==> flow/design.v <==
module data_mux_stage #(
   parameter DATA_WIDTH = 8,
   parameter NIN = 20,
   parameter SBITS = $clog2(NIN)
) (
   input  clk_i,
   input  RST,
   input  [NIN*DATA_WIDTH-1:0] src,
   input  [SBITS-1:0] addr,
   output reg [DATA_WIDTH-1:0] dout
);
   reg [NIN*DATA_WIDTH-1:0] src_d1;
   reg [SBITS-1:0] addr_d1;
   wire [NIN*DATA_WIDTH-1:0] r;
   assign r = src_d1 >> (addr_d1 * DATA_WIDTH);
   always @(posedge clk_i or posedge RST) begin
      if (RST) begin
         src_d1 <= 0;
         addr_d1 <= 0;
         dout <= 0;
      end else begin
         src_d1 <= src;
         addr_d1 <= addr;
         dout <= r[DATA_WIDTH-1:0];
      end
   end
endmodule
-- From RTL to reports: data_mux_stage
The steps from the RTL of data_mux_stage to its reports follow in flow order.
Line numbers count from 1 in the design file above.
Operators carry their Yosys type and port widths (W data, S select, Z words).
Library cell names are shortened.
The mark n/a stands for no value.
- top module: data_mux_stage
- clock input: clk_i
- standard-cell library: sky130hd
- library corner: tt_025C_1v80

-- Word level
Counts by Yosys on the flattened word-level netlist (proc, flatten, opt, wreduce; memories kept). Register bits leave out memories and registers merged into their read ports (data or address); mux counts leave out enables and synchronous resets folded into registers. Print and check cells are left out. Cells with the same type and inputs are merged into one.
- shifts and indexed selects: 1
- operators by type and width (cell ; number):
    $shr A160 B8 Y8 ; 1
- flip-flop bits (word level): 173
- noted output and inout port bits: 8

-- Logic depth
Longest topological path by Yosys (ltp), each cell counted once; first at word level (registers and memories cut), then after technology mapping (sequential cells cut; the memories' decode and read muxes count).
- depth after elaboration at 1
- ABC_AREA: 0
- mapped depth: 6

-- After synthesis
Yosys stat after the flow's synthesis: flattened, memories mapped to cells. It holds for the ABC_AREA given above (unset counts as 0); a run with the other value may have another netlist.
Totals and module areas in this step are rounded.
- mapped cells: 262
- buffers at 12
- sequential area: 4330 µm²
- noted flip-flop cells: 173
- chip area (Yosys): 5680 µm²
- cell types (cell ; number ; area in all (µm²)):
    dfrtp_1 ; 173 ; 4.33E+03
    mux4_2 ; 31 ; 698.17
    mux4_1 ; 9 ; 236.477
    mux2i_1 ; 8 ; 80.077
    mux2_2 ; 7 ; 78.826
    a22oi_1 ; 7 ; 52.55
    o21ai_1 ; 7 ; 35.034
    buf_6 ; 3 ; 33.782
    clkbuf_8 ; 2 ; 27.526
    buf_12 ; 1 ; 20.019
    buf_4 ; 2 ; 15.014
    nor3b_2 ; 1 ; 12.512
    a32o_1 ; 1 ; 10.01
    buf_2 ; 2 ; 10.01
    and2b_1 ; 1 ; 7.507
    buf_1 ; 2 ; 7.507
    a31oi_1 ; 1 ; 6.256
    or2_2 ; 1 ; 6.256
Not listed: further types 3, cells in them 3.

-- Path before layout
Source: OpenSTA report_checks on the synthesized netlist (no wires, ideal clock, input and output delay 20% of the period each), path of least setup slack; recovery checks are left aside. Register names are those of the netlist, which keeps one name where synthesis merged equal registers.
- path type: register to register
- from: register addr_d1[0]
- to: register dout[2]
- noted stages on the path: 7
- path buffers: 2
- noted data arrival time: 1.581 ns
- delay of the path at 1.710 ns
- setup slack at 0.430 ns
- noted clock period: 2.14 ns
- required time at 2.011 ns
- library setup time: 0.129 ns
- period reached after synthesis at 1.71 ns
"delay of the path" is the arrival time less input delay plus setup time.
"stages on the path" counts driving pins, that of a launching flip-flop among them; a cell with two outputs on the path counts twice.
"period reached after synthesis" = period - worst setup slack (recovery checks aside). The figure is calculated, with input and output delays left at 20% of the set period.
Between the ends stands the longest chain of elaborated cells between them, by number of cells; it is not shown to be the way that was timed. Of several equally long chains one is given.
A line is the first line of the expression or statement that the cell stems from. Yosys adds cells for indexed reads and writes and turns some case tables into memories.
- cells stage by stage: dfrtp_1 -> buf_6 -> buf_12 -> mux4_1 -> mux2_2 -> a22oi_1 -> o21ai_1
- length of the longest elaborated chain at 1
- RTL lines, path after synthesis (item ; line ; RTL):
    start, declared ; 13 ; reg [SBITS-1:0] addr_d1;
    start, assigned ; 19 ; addr_d1 <= 0;
    start, assigned ; 23 ; addr_d1 <= addr;
    $shr A160 B8 Y8 ; 15 ; assign r = src_d1 >> (addr_d1 * DATA_WIDTH);
    end, assigned ; 20 ; dout <= 0;
    end, assigned ; 24 ; dout <= r[DATA_WIDTH-1:0];
    end, declared ; 10 ; output reg [DATA_WIDTH-1:0] dout

-- Path in the finished layout
From the final timing report of record 1: the path of least setup slack in the routed layout; clock arrival at registers is part of the times.
- path type: register to register
- from: register addr_d1[0]
- to: register dout[4]
- noted data arrival time: 2.27 ns
- library setup time: 0.13 ns
- path buffers: 1
- setup slack at 0.16 ns
- noted clock period: 2.14 ns
- required time at 2.43 ns
- noted stages on the path: 6
Between the ends stands the longest chain of elaborated cells between them, by number of cells; it is not shown to be the way that was timed. Of several equally long chains one is given.
- cells stage by stage: dfrtp_2 -> buf_12 -> mux4_1 -> mux2_2 -> a22oi_1 -> o21ai_1
- length of the longest elaborated chain at 1
- RTL lines, path after layout (item ; line ; RTL):
    start, declared ; 13 ; reg [SBITS-1:0] addr_d1;
    start, assigned ; 19 ; addr_d1 <= 0;
    start, assigned ; 23 ; addr_d1 <= addr;
    $shr A160 B8 Y8 ; 15 ; assign r = src_d1 >> (addr_d1 * DATA_WIDTH);
    end, assigned ; 20 ; dout <= 0;
    end, assigned ; 24 ; dout <= r[DATA_WIDTH-1:0];
    end, declared ; 10 ; output reg [DATA_WIDTH-1:0] dout

3 stored runs of data_mux_stage in the flow (synthesis by Yosys, layout by OpenROAD, sky130hd cells), in arbitrary order. Constraints: input delay and output delay 20% of the set period each, output load 0.01 pF.
"clock period achieved": clock period set for the run, less the worst setup slack. It is reckoned from that one timing run; input and output delays stay at 20% of the period that was set.
"critical setup path time" means the part of the period allowed to the worst setup path (the constraints hold back 20% at inputs and 20% at outputs) less its slack; where the path has registers, the arrival times of their clocks count too.
"total power of the final layout" is the tool's figure for a default switching activity; nothing was simulated.
Measured values are rounded.

Record 1

==> flow/run.sh <==
#!/bin/bash
# the make line also repeats the synthesis and layout settings of config.mk as NAME=value (left out here)
make -C /OpenROAD-flow-scripts/flow DESIGN_CONFIG=/design/flow/config.mk WORK_HOME=/design/flow/orfs CLKGATE_MAP_FILE= finish
==> flow/config.mk <==
export PLATFORM = sky130hd
export DESIGN_NAME = data_mux_stage
export DESIGN_NICKNAME = data_mux_stage
export VERILOG_FILES = /design/flow/design.v
export SDC_FILE = /design/flow/constraint.sdc
export NUM_CORES = 4
export LEC_CHECK = 0
export CAP_MARGIN = 20
export CORE_MARGIN = 2
export CORE_UTILIZATION = 40
export SLEW_MARGIN = 20
==> flow/constraint.sdc <==
create_clock -name core_clock -period 2.14 [get_ports {clk_i}]
set_input_delay 0.4280 -clock core_clock [delete_from_list [all_inputs] [get_ports {clk_i}]]
set_output_delay 0.4280 -clock core_clock [all_outputs]
set_load 0.01 [all_outputs]

Measured in record 1:
- area of the standard cells in the finished layout: 8300 µm²
- worst setup slack after layout: 0.164 ns
- post-route worst hold slack at 0.430 ns
- clock period achieved: 1.976 ns
- noted the utilization after routing: 59.8%
- critical setup path time at 1.98 ns
- type of the worst setup path: register to register
- die area at 15200 µm²
- setup total negative slack at 0.000 ns
- noted the total power of the final layout: 7390 uW
- area of the synthesized netlist: 5680 µm²

Record 2

==> flow/run.sh <==
#!/bin/bash
# the make line also repeats the synthesis and layout settings of config.mk as NAME=value (left out here)
make -C /OpenROAD-flow-scripts/flow DESIGN_CONFIG=/design/flow/config.mk WORK_HOME=/design/flow/orfs CLKGATE_MAP_FILE= finish
==> flow/config.mk <==
export PLATFORM = sky130hd
export DESIGN_NAME = data_mux_stage
export DESIGN_NICKNAME = data_mux_stage
export VERILOG_FILES = /design/flow/design.v
export SDC_FILE = /design/flow/constraint.sdc
export NUM_CORES = 4
export LEC_CHECK = 0
export ABC_AREA = 0
export CAP_MARGIN = 10
export CELL_PAD_IN_SITES_DETAIL_PLACEMENT = 0
export CELL_PAD_IN_SITES_GLOBAL_PLACEMENT = 0
export CORE_MARGIN = 2
export CORE_UTILIZATION = 69
export CTS_CLUSTER_DIAMETER = 292
export GPL_TIMING_DRIVEN = 1
export MIN_ROUTING_LAYER = met1
export PLACE_DENSITY = 0.48
export SETUP_SLACK_MARGIN = 0.1
export SLEW_MARGIN = 15
==> flow/constraint.sdc <==
create_clock -name core_clock -period 1.53 [get_ports {clk_i}]
set_input_delay 0.3060 -clock core_clock [delete_from_list [all_inputs] [get_ports {clk_i}]]
set_output_delay 0.3060 -clock core_clock [all_outputs]
set_load 0.01 [all_outputs]

Record 2: unfinished; error DPL-0033 in placement.

Record 3

==> flow/run.sh <==
#!/bin/bash
# the make line also repeats the synthesis and layout settings of config.mk as NAME=value (left out here)
make -C /OpenROAD-flow-scripts/flow DESIGN_CONFIG=/design/flow/config.mk WORK_HOME=/design/flow/orfs CLKGATE_MAP_FILE= finish
==> flow/config.mk <==
export PLATFORM = sky130hd
export DESIGN_NAME = data_mux_stage
export DESIGN_NICKNAME = data_mux_stage
export VERILOG_FILES = /design/flow/design.v
export SDC_FILE = /design/flow/constraint.sdc
export NUM_CORES = 4
export LEC_CHECK = 0
export ABC_AREA = 1
export CAP_MARGIN = 20
export CELL_PAD_IN_SITES_GLOBAL_PLACEMENT = 1
export CORE_ASPECT_RATIO = 0.76
export CORE_MARGIN = 5
export CORE_UTILIZATION = 67
export GPL_ROUTABILITY_DRIVEN = 0
export MIN_ROUTING_LAYER = met1
export PLACE_DENSITY = 0.43
export SLEW_MARGIN = 15
export TNS_END_PERCENT = 70
==> flow/constraint.sdc <==
create_clock -name core_clock -period 1.87 [get_ports {clk_i}]
set_input_delay 0.3740 -clock core_clock [delete_from_list [all_inputs] [get_ports {clk_i}]]
set_output_delay 0.3740 -clock core_clock [all_outputs]
set_load 0.01 [all_outputs]

Record 3: unfinished; error GPL-0301 in placement.
